==> flow/design.v <==
module mux_stage (clk_i, aresetn, adv, d_0_in, d_1_in, d_2_in, d_3_in, d_4_in, d_5_in, d_6_in, d_7_in, d_8_in, d_9_in, select_in, o_out);
  parameter BITS = 32;
  input clk_i;
  input aresetn;
  input adv;
  input [BITS-1:0] d_0_in;
  input [BITS-1:0] d_1_in;
  input [BITS-1:0] d_2_in;
  input [BITS-1:0] d_3_in;
  input [BITS-1:0] d_4_in;
  input [BITS-1:0] d_5_in;
  input [BITS-1:0] d_6_in;
  input [BITS-1:0] d_7_in;
  input [BITS-1:0] d_8_in;
  input [BITS-1:0] d_9_in;
  input [3:0] select_in;
  output reg [BITS-1:0] o_out;
  reg [BITS-1:0] work;
  always @* begin
    if (select_in == 0) work = d_0_in;
    else if (select_in == 1) work = d_1_in;
    else if (select_in == 2) work = d_2_in;
    else if (select_in == 3) work = d_3_in;
    else if (select_in == 4) work = d_4_in;
    else if (select_in == 5) work = d_5_in;
    else if (select_in == 6) work = d_6_in;
    else if (select_in == 7) work = d_7_in;
    else if (select_in == 8) work = d_8_in;
    else work = d_9_in;
  end
  always @(posedge clk_i or negedge aresetn) begin
    if (~aresetn) begin
      o_out <= 0;
    end else if (adv) begin
      o_out <= work;
    end
  end
endmodule
# Step by step through the tools: mux_stage
# The steps from the RTL of mux_stage to its reports follow in flow order.
# Line numbers count from 1 in the design file above.
# Cell names lack the library's common part.
# The mark -- stands for no value.
# setup
top	mux_stage
clock	clk_i
cell_library	sky130hd
lib_corner	tt_025C_1v80

# Elaborated design
# Yosys after proc, flatten, opt, wreduce and memory -nomap, before mapping. Enables and synchronous resets that opt folds into registers are not counted as muxes. Memory bits, and registers merged into a memory's read port (data or address), are not among the register bits. Print and check cells are not counted. Equal cells are merged and count once.
# bits
elab_cells	19
reg_bits	32
inputBits	327
# classes
n_mux	9
eq_ne	8
reduce_and_logical	1
# ops
op	n
32-bit two-way mux	9
4-bit by 3-bit == test with 1-bit output with constant B	4
4-bit by 2-bit == test with 1-bit output with constant B	2
4-bit by 1-bit == test with 1-bit output with constant B	1
4-bit == test with constant B	1
4-bit logical NOT	1

# Longest topological paths
# Yosys ltp: most cells in a row. Word level: on the elaborated netlist, between registers, memories and ports. Mapped: between sequential cells and ports; inverters and the memories' decode and read muxes count.
# logic_depth
ltp_word	10
abc_area	1
ltp_mapped	17
mapped_depth_nobuf	16

# Netlist
# Source: synth_stat.txt of the flow (Yosys; design flattened, memories mapped). It holds for the ABC_AREA given above (unset counts as 0); a run with the other value may have another netlist.
# types
type	n
nand2_1	334
dfrtp_1	32
nand3_1	111
inv_1	128
a21oi_1	78
o21ai_0	68
or2_2	34
o211ai_2	13
clkbuf_1	33
o21ai_1	18
buf_2	16
buf_6	6
or2_0	9
inv_2	12
nor2_1	12
nor2_4	3
buf_4	4
o211ai_1	4
# Other cell types: 3; their cells: 4.
# mapped
buffers	61
ffs	32
cells	919
seq_area_um2	800.8
area_um2	4822.1

# Path before layout
# Source: OpenSTA report_checks on the synthesized netlist (no wires, ideal clock, input and output delay 20% of the period each), path of least setup slack; recovery checks are left aside. Register names are those of the netlist, which keeps one name where synthesis merged equal registers.
# synth_path
path_kind	input to register
start	input select_in[1]
end	register o_out[10]
path_buffers	1
stages	14
launch_ns	0.420
required_time_ns	1.984
clock_period_ns	2.1
setup_ns	0.116
setup_slack_ns	0.420
arrival_time_ns	1.564
path_delay_ns	1.260
synth_period_reached_ns	1.68
# "path_delay_ns" = arrival - input delay + setup time.
# "stages": output pins that drive a net of the path, with the launching flip-flop's if there is one; two outputs of one cell count as two.
# "synth_period_reached_ns" = period - worst setup slack (recovery checks aside). The figure is calculated, with input and output delays left at 20% of the set period.
# Between the ends stands the longest chain of elaborated cells between them, by number of cells; it is not shown to be the way that was timed. Of several equally long chains one is given.
# A line is the first line of the expression or statement that the cell stems from. Yosys adds cells for indexed reads and writes and turns some case tables into memories.
# synth_between
cell_sequence	nor2_4 > inv_2 > nor2_4 > inv_2 > buf_2 > or2_0 > nand2_1 > nand2_1 > nand2_1 > nand2_1 > nand2_1 > nand2_1 > nand2_1 > nand2_1
elab_chain_len	10
cells_between	18
lines_between	9
# synth_rtl
element	line_no	text
from (decl)	16	input [3:0] select_in;
4-bit == test	28	else if (select_in == 8) work = d_8_in;
32-bit two-way mux	28
32-bit two-way mux	27	else if (select_in == 7) work = d_7_in;
32-bit two-way mux	26	else if (select_in == 6) work = d_6_in;
32-bit two-way mux	25	else if (select_in == 5) work = d_5_in;
32-bit two-way mux	24	else if (select_in == 4) work = d_4_in;
32-bit two-way mux	23	else if (select_in == 3) work = d_3_in;
32-bit two-way mux	22	else if (select_in == 2) work = d_2_in;
32-bit two-way mux	21	else if (select_in == 1) work = d_1_in;
32-bit two-way mux	20	if (select_in == 0) work = d_0_in;
to (assign)	33	o_out <= 0;
to (assign)	35	o_out <= work;
to (decl)	17	output reg [BITS-1:0] o_out;

# Worst path after layout
# From the final timing report of flow run A: the path of least setup slack in the routed layout; clock arrival at registers is part of the times.
# layout_path
path_kind	input to register
start	input select_in[1]
end	register o_out[2]
required_time_ns	1.44
setup_ns	0.11
arrival_time_ns	1.75
clock_period_ns	1.27
stages	18
path_buffers	4
setup_slack_ns	-0.31
launch_ns	0.25
# Between the ends stands the longest chain of elaborated cells between them, by number of cells; it is not shown to be the way that was timed. Of several equally long chains one is given.
# layout_between
cell_sequence	buf_6 > buf_6 > nor2_4 > nand2_4 > buf_12 > buf_8 > nand2_4 > nand3_2 > o211ai_1 > nand2_1 > nand2_1 > nand2_1 > nand2_1 > nand2_1 > nand2_1 > nand2_1 > nand2_1 > nand2_1
elab_chain_len	10
cells_between	18
lines_between	9
# layout_rtl
element	line_no	text
from (decl)	16	input [3:0] select_in;
4-bit == test	28	else if (select_in == 8) work = d_8_in;
32-bit two-way mux	28
32-bit two-way mux	27	else if (select_in == 7) work = d_7_in;
32-bit two-way mux	26	else if (select_in == 6) work = d_6_in;
32-bit two-way mux	25	else if (select_in == 5) work = d_5_in;
32-bit two-way mux	24	else if (select_in == 4) work = d_4_in;
32-bit two-way mux	23	else if (select_in == 3) work = d_3_in;
32-bit two-way mux	22	else if (select_in == 2) work = d_2_in;
32-bit two-way mux	21	else if (select_in == 1) work = d_1_in;
32-bit two-way mux	20	if (select_in == 0) work = d_0_in;
to (assign)	33	o_out <= 0;
to (assign)	35	o_out <= work;
to (decl)	17	output reg [BITS-1:0] o_out;

mux_stage through Yosys and OpenROAD on sky130hd: 3 stored runs, unordered, with their settings and measured results. The constraints put input and output delay at 20% of the set period each and load the outputs with 0.01 pF.
"worst_path_allowed_less_slack_ns": the worst setup path's part of the clock period (all of it between registers, 20% less for each end at a port) less its slack. A launch clock that arrives late makes it longer, a capture clock that arrives late makes it shorter.
"totalPower_uw": no workload was simulated; the value follows from the tool's default switching activity.

Flow run A, flow files:
==> flow/run.sh <==
#!/bin/bash
# the make line also repeats the synthesis and layout settings of config.mk as NAME=value (left out here)
make -C /OpenROAD-flow-scripts/flow DESIGN_CONFIG=/design/flow/config.mk WORK_HOME=/design/flow/orfs CLKGATE_MAP_FILE= finish
==> flow/config.mk <==
export PLATFORM = sky130hd
export DESIGN_NAME = mux_stage
export DESIGN_NICKNAME = mux_stage
export VERILOG_FILES = /design/flow/design.v
export SDC_FILE = /design/flow/constraint.sdc
export NUM_CORES = 4
export LEC_CHECK = 0
export ABC_AREA = 1
export CAP_MARGIN = 30
export CORE_ASPECT_RATIO = 0.58
export CORE_MARGIN = 2
export CORE_UTILIZATION = 32
export CTS_CLUSTER_SIZE = 10
export MIN_ROUTING_LAYER = met1
export PLACE_DENSITY = 0.66
export SETUP_SLACK_MARGIN = -0.08
export SLEW_MARGIN = 15
export TNS_END_PERCENT = 100
==> flow/constraint.sdc <==
create_clock -name core_clock -period 1.27 [get_ports {clk_i}]
set_input_delay 0.2540 -clock core_clock [delete_from_list [all_inputs] [get_ports {clk_i}]]
set_output_delay 0.2540 -clock core_clock [all_outputs]
set_load 0.01 [all_outputs]

==> results of flow run A, as CSV <==
result,value
totalPower_uw,5249
worst_path_allowed_less_slack_ns,1.32
timing.worst_path_kind,"input to register"
finalCellArea_um2,9377.7
die_footprint_um2,16103.9
timing.setup.ws_ns,-0.308
yosys_chip_area_um2,4822.1
finish.utilization_frac,0.632

Flow run B, flow files:
==> flow/run.sh <==
#!/bin/bash
# the make line also repeats the synthesis and layout settings of config.mk as NAME=value (left out here)
make -C /OpenROAD-flow-scripts/flow DESIGN_CONFIG=/design/flow/config.mk WORK_HOME=/design/flow/orfs CLKGATE_MAP_FILE= finish
==> flow/config.mk <==
export PLATFORM = sky130hd
export DESIGN_NAME = mux_stage
export DESIGN_NICKNAME = mux_stage
export VERILOG_FILES = /design/flow/design.v
export SDC_FILE = /design/flow/constraint.sdc
export NUM_CORES = 4
export LEC_CHECK = 0
export CAP_MARGIN = 20
export CORE_ASPECT_RATIO = 1.75
export CORE_MARGIN = 9
export CORE_UTILIZATION = 68
export CTS_CLUSTER_DIAMETER = 39
export CTS_CLUSTER_SIZE = 78
export PLACE_DENSITY = 0.41
export SLEW_MARGIN = 25
export TNS_END_PERCENT = 85
==> flow/constraint.sdc <==
create_clock -name core_clock -period 2.72 [get_ports {clk_i}]
set_input_delay 0.5440 -clock core_clock [delete_from_list [all_inputs] [get_ports {clk_i}]]
set_output_delay 0.5440 -clock core_clock [all_outputs]
set_load 0.01 [all_outputs]

Flow run B: did not finish, placement stopped with GPL-0301

Flow run C, flow files:
==> flow/run.sh <==
#!/bin/bash
# the make line also repeats the synthesis and layout settings of config.mk as NAME=value (left out here)
make -C /OpenROAD-flow-scripts/flow DESIGN_CONFIG=/design/flow/config.mk WORK_HOME=/design/flow/orfs CLKGATE_MAP_FILE= finish
==> flow/config.mk <==
export PLATFORM = sky130hd
export DESIGN_NAME = mux_stage
export DESIGN_NICKNAME = mux_stage
export VERILOG_FILES = /design/flow/design.v
export SDC_FILE = /design/flow/constraint.sdc
export NUM_CORES = 4
export LEC_CHECK = 0
export CAP_MARGIN = 20
export CORE_MARGIN = 2
export CORE_UTILIZATION = 40
export SLEW_MARGIN = 20
==> flow/constraint.sdc <==
create_clock -name core_clock -period 2.1 [get_ports {clk_i}]
set_input_delay 0.4200 -clock core_clock [delete_from_list [all_inputs] [get_ports {clk_i}]]
set_output_delay 0.4200 -clock core_clock [all_outputs]
set_load 0.01 [all_outputs]

==> results of flow run C, as CSV <==
result,value
totalPower_uw,3630
worst_path_allowed_less_slack_ns,1.62
timing.worst_path_kind,"input to register"
finalCellArea_um2,9399.0
die_footprint_um2,13901.6
timing.setup.ws_ns,0.062
yosys_chip_area_um2,5190.0
finish.utilization_frac,0.745
